==> flow/design.v <==
module u_arith_blk #(
    parameter BITS = 6
) (
    input wire aclk,
    input wire signed [BITS-1:0] src1,
    input wire signed [BITS-1:0] src2,
    input wire sub,
    output reg [BITS-1:0] q,
    output reg co
);
    reg signed [BITS-1:0] src1_r;
    reg signed [BITS-1:0] src2_r;
    reg sub_r;
    always @(posedge aclk) begin
        src1_r <= src1;
        src2_r <= src2;
        sub_r <= sub;
    end
    wire [BITS-1:0] t2 = src2_r ^ {BITS{sub_r}};
    wire [BITS-1:0] nxt = $unsigned(src1_r) + t2 + sub_r;
    always @(posedge aclk) begin
        q <= nxt[BITS-1:0];
        co <= (src1_r[BITS-1] == t2[BITS-1]) && (nxt[BITS-1] != src1_r[BITS-1]);
    end
endmodule
* From RTL to reports: u_arith_blk *
What the tools print for u_arith_blk, step after step.
Lines are those of the file above, counted from 1.
Cell names lack the library's common part.
The mark n/a stands for no value.

set-up
  design top = u_arith_blk
  clock input = aclk
  cell library = sky130hd
  corner = tt_025C_1v80

* Word level *
Yosys after proc, flatten, opt, wreduce and memory -nomap, before mapping. Enables and synchronous resets that opt folds into registers are not counted as muxes. Memory bits, and registers merged into a memory's read port (data or address), are not among the register bits. Print and check cells are not counted. Equal cells are merged and count once.

word-level totals
  flip-flop bits (word level) = 20
  input bits = 14
  word-level cells = 11

operators by class
  $add $sub $neg = 2
  equality and inequality tests = 2
  bitwise gates (word level) = 1
  reductions and logical operators = 1

operators with widths
  cell                  number
  adder 6 x 1 -> 6 bit  1
  adder 6 bit           1
  bitwise XOR 6 bit     1
  == test 1 bit         1
  != test 1 bit         1
  logical AND 1 bit     1

* Depth *
Yosys ltp: most cells in a row. Word level: on the elaborated netlist, between registers, memories and ports. Mapped: between sequential cells and ports; inverters and the memories' decode and read muxes count.

logic depth
  depth in word-level cells = 5
  ABC_AREA = 0
  mapped depth = 8
  mapped depth without buffers = 7

* Synthesis result *
Source: synth_stat.txt of the flow (Yosys; design flattened, memories mapped). It holds for the ABC_AREA given above (unset counts as 0); a run with the other value may have another netlist.
Totals and module areas in this step are rounded.

mapped netlist
  cells in the netlist = 55
  cell area after synthesis = 711 um^2
  sequential area = 400 um^2
  flip-flops = 20
  buffers = 1

cell types
  type      number  total area (um^2)
  dfxtp_1   20      400.384
  xor2_1    6       52.55
  ha_1      4       50.048
  xnor2_1   4       35.034
  o31ai_4   1       21.27
  fa_1      1       20.019
  inv_1     5       18.768
  a21oi_2   2       17.517
  a21o_1    2       15.014
  mux2i_2   1       13.763
  buf_6     1       11.261
  o21bai_2  1       11.261
  a41o_1    1       10.01
  mux2i_1   1       10.01
  nand2_1   2       7.507
  or2_2     1       6.256
  a21oi_1   1       5.005
  nand3_1   1       5.005

* Timing after synthesis *
Path of least setup slack by OpenSTA after synthesis, without wires, with an ideal clock, recovery checks aside; 20% of the period is set as input and as output delay. Where synthesis merged equal registers, the netlist keeps one of their names.

path post-synthesis
  path type = reg-to-reg
  start = register sub_r
  end = register q[5]
  clock period = 2,050 ps
  library setup time = 124 ps
  launch time at the first pin = 0 ps
  arrival time = 1,517 ps
  data required time = 1,926 ps
  path slack = 409 ps
  delay of the path = 1,641 ps
  stages on the path = 8
  buffers on the path = 1
  synthesis period reached = 1,641 ps

"delay of the path" = arrival - input delay + setup time.
"stages on the path": output pins that drive a net of the path, with the launching flip-flop's if there is one; two outputs of one cell count as two.
"synthesis period reached" = period - worst setup slack (recovery checks aside). The figure is calculated, with input and output delays left at 20% of the set period.
Between the ends stands the longest chain of elaborated cells between them, by number of cells; it is not shown to be the way that was timed. Of several equally long chains one is given.
A line is the first line of the expression or statement that the cell stems from. Yosys adds cells for indexed reads and writes and turns some case tables into memories.

on the way, post-synthesis
  cells stage by stage = dfxtp_1 -> buf_6 -> xor2_1 -> ha_1 -> a41o_1 -> a21oi_2 -> o31ai_4 -> xnor2_1
  cells in the longest elaborated chain = 3
  elaborated cells on any way between the ends = 3
  those cells by class = add/sub (2); logic (1)

ends and longest elaborated chain, post-synthesis
  what                  line  RTL
  start, declared       13    reg sub_r;
  start, assigned       17    sub_r <= sub;
  bitwise XOR 6 bit     19    wire [BITS-1:0] t2 = src2_r ^ {BITS{sub_r}};
  adder 6 bit           20    wire [BITS-1:0] nxt = $unsigned(src1_r) + t2 + sub_r;
  adder 6 x 1 -> 6 bit  20
  end, assigned         22    q <= nxt[BITS-1:0];
  end, declared         8     output reg [BITS-1:0] q,

* Timing after layout *
From the final timing report of record 1: the path of least setup slack in the routed layout; clock arrival at registers is part of the times.
The report prints the path's times to 10 ps; the period is as set.

path post-layout
  path type = reg-to-reg
  start = register sub_r
  end = register co
  clock period = 2,050 ps
  library setup time = 100 ps
  launch time at the first pin = 280 ps
  arrival time = 1,960 ps
  data required time = 2,230 ps
  path slack = 270 ps
  stages on the path = 7
  buffers on the path = 0

Between the ends stands the longest chain of elaborated cells between them, by number of cells; it is not shown to be the way that was timed. Of several equally long chains one is given.

on the way, post-layout
  cells stage by stage = dfxtp_1 -> xor2_1 -> ha_1 -> a41o_1 -> a21oi_2 -> o31ai_4 -> mux2i_1
  cells in the longest elaborated chain = 5
  elaborated cells on any way between the ends = 6
  those cells by class = add/sub (2); eq/ne (2); logic (1); reduce/logical (1)

ends and longest elaborated chain, post-layout
  what                  line  RTL
  start, declared       13    reg sub_r;
  start, assigned       17    sub_r <= sub;
  bitwise XOR 6 bit     19    wire [BITS-1:0] t2 = src2_r ^ {BITS{sub_r}};
  adder 6 bit           20    wire [BITS-1:0] nxt = $unsigned(src1_r) + t2 + sub_r;
  adder 6 x 1 -> 6 bit  20
  != test 1 bit         23    co <= (src1_r[BITS-1] == t2[BITS-1]) && (nxt[BITS-1] != src1_r[BITS-1]);
  logical AND 1 bit     23
  end, assigned         23
  end, declared         9     output reg co

--- measured runs ---
u_arith_blk through Yosys and OpenROAD on sky130hd: 3 stored runs, unordered, with their settings and measured results. The constraints put input and output delay at 20% of the set period each and load the outputs with 0.01 pF.
"achieved period" means the clock period less the worst setup slack. The figure is calculated, with input and output delays left at 20% of the set period.
"time used up by the worst setup path" is the time allowed to the run's worst setup path (the clock period less input and output delay, where it has them) less its slack. Clock arrival times count: a late capture clock shortens it, a late launch clock lengthens it.
"total design power": no workload was simulated; the value follows from the tool's default switching activity.
"time used up by the worst setup path" is given in steps of 10 ps.
The results are shown rounded.
Among the settings, -- means not set for that run.
A result given as -- is not shown for that run.

setting or result                              record 1    record 2    record 3
period_ns                                      2.05        1.16        1.77
CAP_MARGIN                                     20          30          40
CORE_MARGIN                                    2           7           2
CORE_UTILIZATION                               40          34          59
SLEW_MARGIN                                    20          20          40
SETUP_SLACK_MARGIN                             --          0.01        0.21
PLACE_DENSITY                                  --          0.46        --
CELL_PAD_IN_SITES_DETAIL_PLACEMENT             --          0           2
GPL_TIMING_DRIVEN                              --          0           --
CTS_CLUSTER_DIAMETER                           --          291         --
PLACE_DENSITY_LB_ADDON                         --          --          0.13
CORE_ASPECT_RATIO                              --          --          0.88
GPL_ROUTABILITY_DRIVEN                         --          --          1
MIN_ROUTING_LAYER                              --          --          met1
time used up by the worst setup path (ps)      1,780       1,580       --
worst setup path kind                          reg-to-reg  reg-to-reg  --
lowest setup slack (ps)                        270         -419        --
standard-cell area of the final layout (um^2)  957         1,100       --
total design power (W)                         0.000887    0.00161     --
area of the synthesized netlist (um^2)         711         711         --
setup total negative slack (ps)                0           -1,940      --
worst hold slack after layout (ps)             484         374         --
achieved period (ps)                           1,780       1,579       --
utilization in the final report                0.567       0.561       --
die outline area (um^2)                        2,130       3,570       --

Record 3: no final report: placement broke off with DPL-0033
--- end ---
